==> flow/design.v <==
module times_top #(
    parameter WIDTH = 11
) (
    input  wire clk_i,
    input  wire [WIDTH-1:0] dataa,
    input  wire [WIDTH-1:0] datab,
    output wire [2*WIDTH-1:0] result
);
    reg [WIDTH-1:0] dataa_ff;
    always @(posedge clk_i)
        dataa_ff <= dataa;
    reg [WIDTH-1:0] datab_ff;
    always @(posedge clk_i)
        datab_ff <= datab;
    reg [2*WIDTH-1:0] result_ff;
    always @(posedge clk_i)
        result_ff <= dataa_ff * datab_ff;
    assign result = result_ff;
endmodule
# From RTL to reports: times_top
# The steps from the RTL of times_top to its reports follow in flow order.
# Lines are those of the file above, counted from 1.
# Operators: Yosys type, input widths -> output width; for muxes data width and select width s.
# A cell with -- has no value.
# design
top_module	times_top
clock	clk_i
lib	sky130hd
pvt_corner	tt_025C_1v80

# After elaboration
# Yosys after proc, flatten, opt, wreduce and memory -nomap, before mapping. Enables and synchronous resets that opt folds into registers are not counted as muxes. Memory bits, and registers merged into a memory's read port (data or address), are not among the register bits. Print and check cells are not counted. Equal cells are merged and count once.
# op_classes
n_mul	1
# ops
op	count
$mul 11x11->22	1
# word_totals
ff_bits	44
inputBits	23
output_inout_bits	22
word_cells	4

# Logic depth
# Longest topological path by Yosys (ltp), each cell counted once; first at word level (registers and memories cut), then after technology mapping (sequential cells cut; the memories' decode and read muxes count).
# logic_depth
word_depth	1
abc_area	0
ltp_mapped	19
ltp_nobuf	18

# Synthesis result
# Source: synth_stat.txt of the flow (Yosys; design flattened, memories mapped). It holds for the ABC_AREA given above (unset counts as 0); a run with the other value may have another netlist.
# The area totals of this step are shown rounded.
# mapped
stdcells	547
synth_area_um2	5084
seq_area_um2	880.8
ffs	44
n_buf	25
# by_type
cell_type	count	area_total_um2
sky130_fd_sc_hd__fa_1	80	1.6E+03
sky130_fd_sc_hd__dfxtp_1	44	880.845
sky130_fd_sc_hd__ha_1	60	750.72
sky130_fd_sc_hd__inv_1	107	401.635
sky130_fd_sc_hd__and2_1	62	387.872
sky130_fd_sc_hd__nand2_1	70	262.752
sky130_fd_sc_hd__a21oi_1	19	95.091
sky130_fd_sc_hd__xnor2_1	10	87.584
sky130_fd_sc_hd__clkbuf_1	22	82.579
sky130_fd_sc_hd__xor2_1	6	52.55
sky130_fd_sc_hd__a21o_1	5	37.536
sky130_fd_sc_hd__nand3_1	7	35.034
sky130_fd_sc_hd__nor2_1	8	30.029
sky130_fd_sc_hd__a21o_2	3	26.275
sky130_fd_sc_hd__nand2b_1	4	25.024
sky130_fd_sc_hd__a211oi_1	3	22.522
sky130_fd_sc_hd__buf_4	3	22.522
sky130_fd_sc_hd__o211ai_1	3	22.522
# Other cell types: 22; their cells: 31.

# Path before layout
# Path of least setup slack by OpenSTA after synthesis, without wires, with an ideal clock, recovery checks aside; 20% of the period is set as input and as output delay. Where synthesis merged equal registers, the netlist keeps one of their names.
# synth_timing
kind	flip-flop to flip-flop
startpoint	register datab_ff[2]
endpoint	register result_ff[21]
tclk_ps	5800
setup_ps	124
launch_ps	0
arrival_time_ps	4519
required_ps	5676
setup_slack_ps	1157
path_delay_ps	4643
stages	20
n_path_buf	1
synth_period_reached_ps	4643
# "path_delay_ps" is the arrival time less input delay plus setup time.
# "stages" counts driving pins, that of a launching flip-flop among them; a cell with two outputs on the path counts twice.
# "synth_period_reached_ps" is the clock period less the worst setup slack; recovery checks do not enter. This is arithmetic on one report: input and output delays are still those of the set period (20% each).
# Between the ends stands the longest chain of elaborated cells between them, by number of cells; it is not shown to be the way that was timed. Of several equally long chains one is given.
# A line is the first line of the expression or statement that the cell stems from. Yosys adds cells for indexed reads and writes and turns some case tables into memories.
# synth_between
path_cell_list	sky130_fd_sc_hd__dfxtp_1 -> sky130_fd_sc_hd__clkbuf_1 -> sky130_fd_sc_hd__nand2_1 -> sky130_fd_sc_hd__fa_1 -> sky130_fd_sc_hd__inv_1 -> sky130_fd_sc_hd__fa_1 -> sky130_fd_sc_hd__inv_1 -> sky130_fd_sc_hd__fa_1 -> sky130_fd_sc_hd__inv_1 -> sky130_fd_sc_hd__fa_1 -> sky130_fd_sc_hd__inv_1 -> sky130_fd_sc_hd__fa_1 -> sky130_fd_sc_hd__inv_1 -> sky130_fd_sc_hd__ha_1 -> sky130_fd_sc_hd__nand2_1 -> sky130_fd_sc_hd__nand2_1 -> sky130_fd_sc_hd__o211ai_1 -> sky130_fd_sc_hd__a211oi_1 -> sky130_fd_sc_hd__mux2i_1 -> sky130_fd_sc_hd__nand3_1
elab_chain_cells	1
cells_between	1
cone_lines	1
cone_classes	1 x mul
# synth_lines
item	line	rtl
from (decl)	12	reg [WIDTH-1:0] datab_ff;
from (assign)	14	datab_ff <= datab;
$mul 11x11->22	17	result_ff <= dataa_ff * datab_ff;
to (assign)	17
to (decl)	15	reg [2*WIDTH-1:0] result_ff;

# Path in the finished layout
# Path of least setup slack in the final report of run A (OpenROAD, finished layout, wires in). Where an end is a register, its clock arrival counts in the times.
# The report prints the path's times to 10 ps; the period is as set.
# layout_timing
kind	flip-flop to flip-flop
startpoint	register dataa_ff[5]
endpoint	register result_ff[20]
tclk_ps	3100
setup_ps	70
launch_ps	300
arrival_time_ps	5020
required_ps	3330
setup_slack_ps	-1700
stages	18
n_path_buf	0
# Between the ends stands the longest chain of elaborated cells between them, by number of cells; it is not shown to be the way that was timed. Of several equally long chains one is given.
# layout_between
path_cell_list	sky130_fd_sc_hd__dfxtp_4 -> sky130_fd_sc_hd__and2_4 -> sky130_fd_sc_hd__fa_1 -> sky130_fd_sc_hd__inv_2 -> sky130_fd_sc_hd__fa_1 -> sky130_fd_sc_hd__inv_1 -> sky130_fd_sc_hd__fa_1 -> sky130_fd_sc_hd__fa_1 -> sky130_fd_sc_hd__inv_1 -> sky130_fd_sc_hd__fa_1 -> sky130_fd_sc_hd__inv_2 -> sky130_fd_sc_hd__ha_4 -> sky130_fd_sc_hd__nand2_4 -> sky130_fd_sc_hd__or3_4 -> sky130_fd_sc_hd__a211oi_4 -> sky130_fd_sc_hd__o21bai_2 -> sky130_fd_sc_hd__a21oi_2 -> sky130_fd_sc_hd__xor2_1
elab_chain_cells	1
cells_between	1
cone_lines	1
cone_classes	1 x mul
# layout_lines
item	line	rtl
from (decl)	9	reg [WIDTH-1:0] dataa_ff;
from (assign)	11	dataa_ff <= dataa;
$mul 11x11->22	17	result_ff <= dataa_ff * datab_ff;
to (assign)	17
to (decl)	15	reg [2*WIDTH-1:0] result_ff;

# Flow measurements of times_top on sky130hd: 3 stored runs with different settings, listed in no order. Input and output delays are each 20% of the period that was set; the output load is 0.01 pF.
# "power_uw": no workload was simulated; the value follows from the tool's default switching activity.
# Results are given in rounded form.
# A setting shown as - is not set for that run.
run	period_ns	CORE_UTILIZATION	SETUP_SLACK_MARGIN	PLACE_DENSITY	CORE_ASPECT_RATIO	CELL_PAD_IN_SITES_GLOBAL_PLACEMENT	CELL_PAD_IN_SITES_DETAIL_PLACEMENT	ABC_AREA	GPL_ROUTABILITY_DRIVEN	CTS_CLUSTER_DIAMETER	CAP_MARGIN	CORE_MARGIN	SLEW_MARGIN	PLACE_DENSITY_LB_ADDON	CTS_CLUSTER_SIZE	final_cell_area_um2	hold_worst_slack_ps	power_uw	timing.setup.ws_ps	setup_tns_ps	design_die_area_um2	finish.utilization_pct	synth_chip_area_um2
run A	3.1	39	-0.04	0.8	0.56	3	0	0	1	176	20	2	20	-	-	6984	486	7439	-1697	-21880	14000	54.4	5084
run B	3.65	35	-	-	-	2	0	1	-	255	15	2	20	0.04	86	7365	631	6705	-608	-8229	15810	50.7	5187
run C	5.8	40	-	-	-	-	-	-	-	-	20	2	20	-	-	5803	664	2777	728	0	13630	46.4	5084
